==> flow/design.v <==
module mul_rtl #(
   parameter XLEN = 24
) (
   input wire aclk,
   input wire aresetn,
   input wire [XLEN-1:0] lhs,
   input wire [XLEN-1:0] rhs,
   input wire load,
   output wire [2*XLEN-1:0] mul,
   output wire fin
);
   localparam SEL_W = $clog2(XLEN + 1);
   reg [XLEN-1:0] mcand;
   reg [SEL_W-1:0] steps;
   reg [2*XLEN-1:0] run_sum;
   wire [XLEN:0] t = run_sum[2*XLEN-1:XLEN] + (run_sum[0] ? mcand : {XLEN{1'b0}});
   assign mul = run_sum;
   assign fin = (steps == 0);
   always @(posedge aclk or negedge aresetn) begin
      if (~aresetn) begin
         mcand <= 0;
         steps <= 0;
         run_sum <= 0;
      end else begin
         mcand <= load ? lhs : mcand;
         steps <= load ? XLEN : (steps != 0) ? steps - 1'b1 : steps;
         run_sum <= load ? {{XLEN{1'b0}}, rhs} : (steps != 0) ? {t, run_sum[XLEN-1:1]} : run_sum;
      end
   end
endmodule
Tool chain data of mul_rtl
The steps from the RTL of mul_rtl to its reports follow in flow order.
Lines are those of the file above, counted from 1.
Cell names lack the library's common part.
The mark -- stands for no value.
Set-up
  design top: mul_rtl
  clock port: aclk
  cell library: sky130hd
  timing corner: tt_025C_1v80

Word level
Source: Yosys, flattened and elaborated, memories not mapped. Widths are those after wreduce. Registers that Yosys merges into a memory's read port (data or address) are not register bits. Print and check cells do not count. Equal cells are merged and count once.
Storage and ports
  register bits: 77
  latch bits: 0
  bits in writable memories: 0
  ROM bits: 0
  word width x clocked read ports: 0
  memory cells: 0
  bits of input ports: 51
  output and inout port bits: 49
  elaborated cells: 13
Operators by class
  add/sub/neg operators: 2
  multipliers: 0
  div/mod/pow operators: 0
  magnitude comparators: 0
  equality and inequality tests: 0
  shift-type cells: 0
  muxes and demuxes: 5
  bitwise gates (word level): 0
  reductions and logical operators: 3
Operators by type and width (number)
  48-bit two-way mux: 2
  24-bit by 24-bit adder with 25-bit output: 1
  24-bit two-way mux: 1
  5-bit two-way mux: 2
  5-bit by 1-bit subtractor with 5-bit output (second input constant): 1
  5-bit logical NOT: 1
  5-bit nonzero test: 1
  2-bit nonzero test: 1

Longest topological paths
Longest topological path by Yosys (ltp), each cell counted once; first at word level (registers and memories cut), then after technology mapping (sequential cells cut; the memories' decode and read muxes count).
Logic depth
  word-level depth: 4
  ABC_AREA: 0
  gate-level depth with buffers: 12
  depth with buffers taken out: 12

Mapped cells and area
Yosys stat after the flow's synthesis: flattened, memories mapped to cells. It holds for the ABC_AREA given above (unset counts as 0); a run with the other value may have another netlist.
Mapped netlist
  mapped cells: 458
  cell area after synthesis: 4521.8 um^2
  sequential part of the area: 1926.8 um^2
  flip-flop cells: 77
  buffer cells: 24
Cell types
  dfrtp_1: number 77, area in all 1.93E+03 um^2
  ha_1: number 26, area in all 325.312 um^2
  mux2_2: number 24, area in all 270.259 um^2
  mux2i_1: number 24, area in all 240.23 um^2
  nand2_1: number 62, area in all 232.723 um^2
  a21oi_1: number 34, area in all 170.163 um^2
  and2_1: number 24, area in all 150.144 um^2
  o21ai_0: number 30, area in all 150.144 um^2
  xnor2_1: number 12, area in all 105.101 um^2
  nor2_1: number 21, area in all 78.826 um^2
  xor2_1: number 9, area in all 78.826 um^2
  a21o_1: number 10, area in all 75.072 um^2
  a211oi_1: number 8, area in all 60.058 um^2
  clkbuf_1: number 14, area in all 52.55 um^2
  a22o_1: number 4, area in all 35.034 um^2
  nand2b_1: number 5, area in all 31.28 um^2
  inv_1: number 8, area in all 30.029 um^2
  nand3_1: number 5, area in all 25.024 um^2
Other cell types: 39; their cells: 61.

Timing after synthesis
Source: OpenSTA report_checks on the synthesized netlist (no wires, ideal clock, input and output delay 20% of the period each), path of least setup slack; recovery checks are left aside. Register names are those of the netlist, which keeps one name where synthesis merged equal registers.
Timing path post-synthesis
  path type: flip-flop to flip-flop
  from: reg run_sum[0]
  to: reg run_sum[45]
  period: 3.38 ns
  library setup time: 0.121 ns
  time at the first pin: 0.000 ns
  arrival: 2.586 ns
  data required time: 3.259 ns
  slack: 0.673 ns
  path delay: 2.707 ns
  stages: 12
  path buffers: 1
  period reached after synthesis: 2.707 ns
"path delay" is the arrival time less input delay plus setup time.
"stages": output pins that drive a net of the path, with the launching flip-flop's if there is one; two outputs of one cell count as two.
"period reached after synthesis" is the clock period less the worst setup slack; recovery checks do not enter. This is arithmetic on one report: input and output delays are still those of the set period (20% each).
Between the ends stands the longest chain of elaborated cells between them, by number of cells; it is not shown to be the way that was timed. Of several equally long chains one is given.
A line is the first line of the expression or statement that the cell stems from. Yosys adds cells for indexed reads and writes and turns some case tables into memories.
On the way, post-synthesis
  path through: dfrtp_1 > clkbuf_1 > nand2_1 > fa_1 > nand2b_1 > a21o_1 > a31o_1 > o21ba_4 > o31ai_2 > o21ai_0 > xnor2_1 > a22o_1
  length of the longest elaborated chain: 4
  elaborated cells between the ends (all ways): 4
  RTL lines with such cells: 2
  those cells by class: add/sub: 1; mux: 3
RTL lines, path post-synthesis
  start: declaration: RTL line 15  | reg [2*XLEN-1:0] run_sum;
  start: assignment: RTL line 23  | run_sum <= 0;
  start: assignment: RTL line 27  | run_sum <= load ? {{XLEN{1'b0}}, rhs} : (steps != 0) ? {t, run_sum[XLEN-1:1]} : run_sum;
  24-bit two-way mux: RTL line 16  | wire [XLEN:0] t = run_sum[2*XLEN-1:XLEN] + (run_sum[0] ? mcand : {XLEN{1'b0}});
  24-bit by 24-bit adder with 25-bit output: RTL line 16
  48-bit two-way mux x2: RTL line 27
  end: assignment: RTL line 23
  end: assignment: RTL line 27
  end: declaration: RTL line 15

Path in the finished layout
From the final timing report of flow run A: the path of least setup slack in the routed layout; clock arrival at registers is part of the times.
Timing path post-layout
  path type: flip-flop to flip-flop
  from: reg run_sum[0]
  to: reg run_sum[45]
  period: 3.46 ns
  library setup time: 0.11 ns
  time at the first pin: 0.35 ns
  arrival: 3.17 ns
  data required time: 3.70 ns
  slack: 0.53 ns
  stages: 13
  path buffers: 0
Between the ends stands the longest chain of elaborated cells between them, by number of cells; it is not shown to be the way that was timed. Of several equally long chains one is given.
On the way, post-layout
  path through: dfrtp_1 > and2_1 > ha_1 > inv_1 > fa_1 > nand2b_1 > a21o_1 > a31o_1 > o21ba_4 > o31ai_2 > o21ai_0 > xnor2_1 > a22o_1
  length of the longest elaborated chain: 4
  elaborated cells between the ends (all ways): 4
  RTL lines with such cells: 2
  those cells by class: add/sub: 1; mux: 3
RTL lines, path post-layout
  start: declaration: RTL line 15  | reg [2*XLEN-1:0] run_sum;
  start: assignment: RTL line 23  | run_sum <= 0;
  start: assignment: RTL line 27  | run_sum <= load ? {{XLEN{1'b0}}, rhs} : (steps != 0) ? {t, run_sum[XLEN-1:1]} : run_sum;
  24-bit two-way mux: RTL line 16  | wire [XLEN:0] t = run_sum[2*XLEN-1:XLEN] + (run_sum[0] ? mcand : {XLEN{1'b0}});
  24-bit by 24-bit adder with 25-bit output: RTL line 16
  48-bit two-way mux x2: RTL line 27
  end: assignment: RTL line 23
  end: assignment: RTL line 27
  end: declaration: RTL line 15

# Flow runs of mul_rtl

Flow measurements of mul_rtl on sky130hd: 3 stored runs with different settings, listed in no order. Input and output delays are each 20% of the period that was set; the output load is 0.01 pF.
"achieved clock period" = clock period - worst setup slack. The figure is calculated, with input and output delays left at 20% of the set period.
"worst setup path time" is the time allowed to the run's worst setup path (the clock period less input and output delay, where it has them) less its slack. Clock arrival times count: a late capture clock shortens it, a late launch clock lengthens it.
"power" rests on the timing tool's default activity at the inputs, not on a simulated workload.
[flow run A] settings: period_ns=3.46, CORE_UTILIZATION=16, PLACE_DENSITY_LB_ADDON=0.04, CORE_ASPECT_RATIO=0.78, CORE_MARGIN=7, CELL_PAD_IN_SITES_GLOBAL_PLACEMENT=2, GPL_TIMING_DRIVEN=1, GPL_ROUTABILITY_DRIVEN=1, CTS_CLUSTER_DIAMETER=112, SLEW_MARGIN=10, CAP_MARGIN=20
[flow run A] result: chip area after synthesis (Yosys) 4521.8 um^2, die area 33200.7 um^2, standard-cell area of the final layout 6266.0 um^2, utilization 22.5 %, worst setup slack after layout 0.529 ns, total negative slack 0.000 ns, power 3.132 mW, achieved clock period 2.931 ns, worst setup path time 2.93 ns, worst setup path kind flip-flop to flip-flop
[flow run B] settings: period_ns=1.89, CORE_UTILIZATION=19, PLACE_DENSITY_LB_ADDON=0.02, CELL_PAD_IN_SITES_DETAIL_PLACEMENT=1, ABC_AREA=1, GPL_TIMING_DRIVEN=0, SLEW_MARGIN=40, MAX_ROUTING_LAYER=met5, CAP_MARGIN=20, CORE_MARGIN=2
[flow run B] result: chip area after synthesis (Yosys) 5033.6 um^2, die area 27810.6 um^2, standard-cell area of the final layout 7872.6 um^2, utilization 30.2 %, worst setup slack after layout -0.217 ns, total negative slack -2.622 ns, power 5.840 mW, achieved clock period 2.107 ns, worst setup path time 2.11 ns, worst setup path kind flip-flop to flip-flop
[flow run C] settings: period_ns=3.38, CAP_MARGIN=20, CORE_MARGIN=2, CORE_UTILIZATION=40, SLEW_MARGIN=20
[flow run C] result: chip area after synthesis (Yosys) 4521.8 um^2, die area 12171.6 um^2, standard-cell area of the final layout 5958.2 um^2, utilization 54.5 %, worst setup slack after layout 0.332 ns, total negative slack 0.000 ns, power 3.141 mW, achieved clock period 3.048 ns, worst setup path time 3.05 ns, worst setup path kind flip-flop to flip-flop
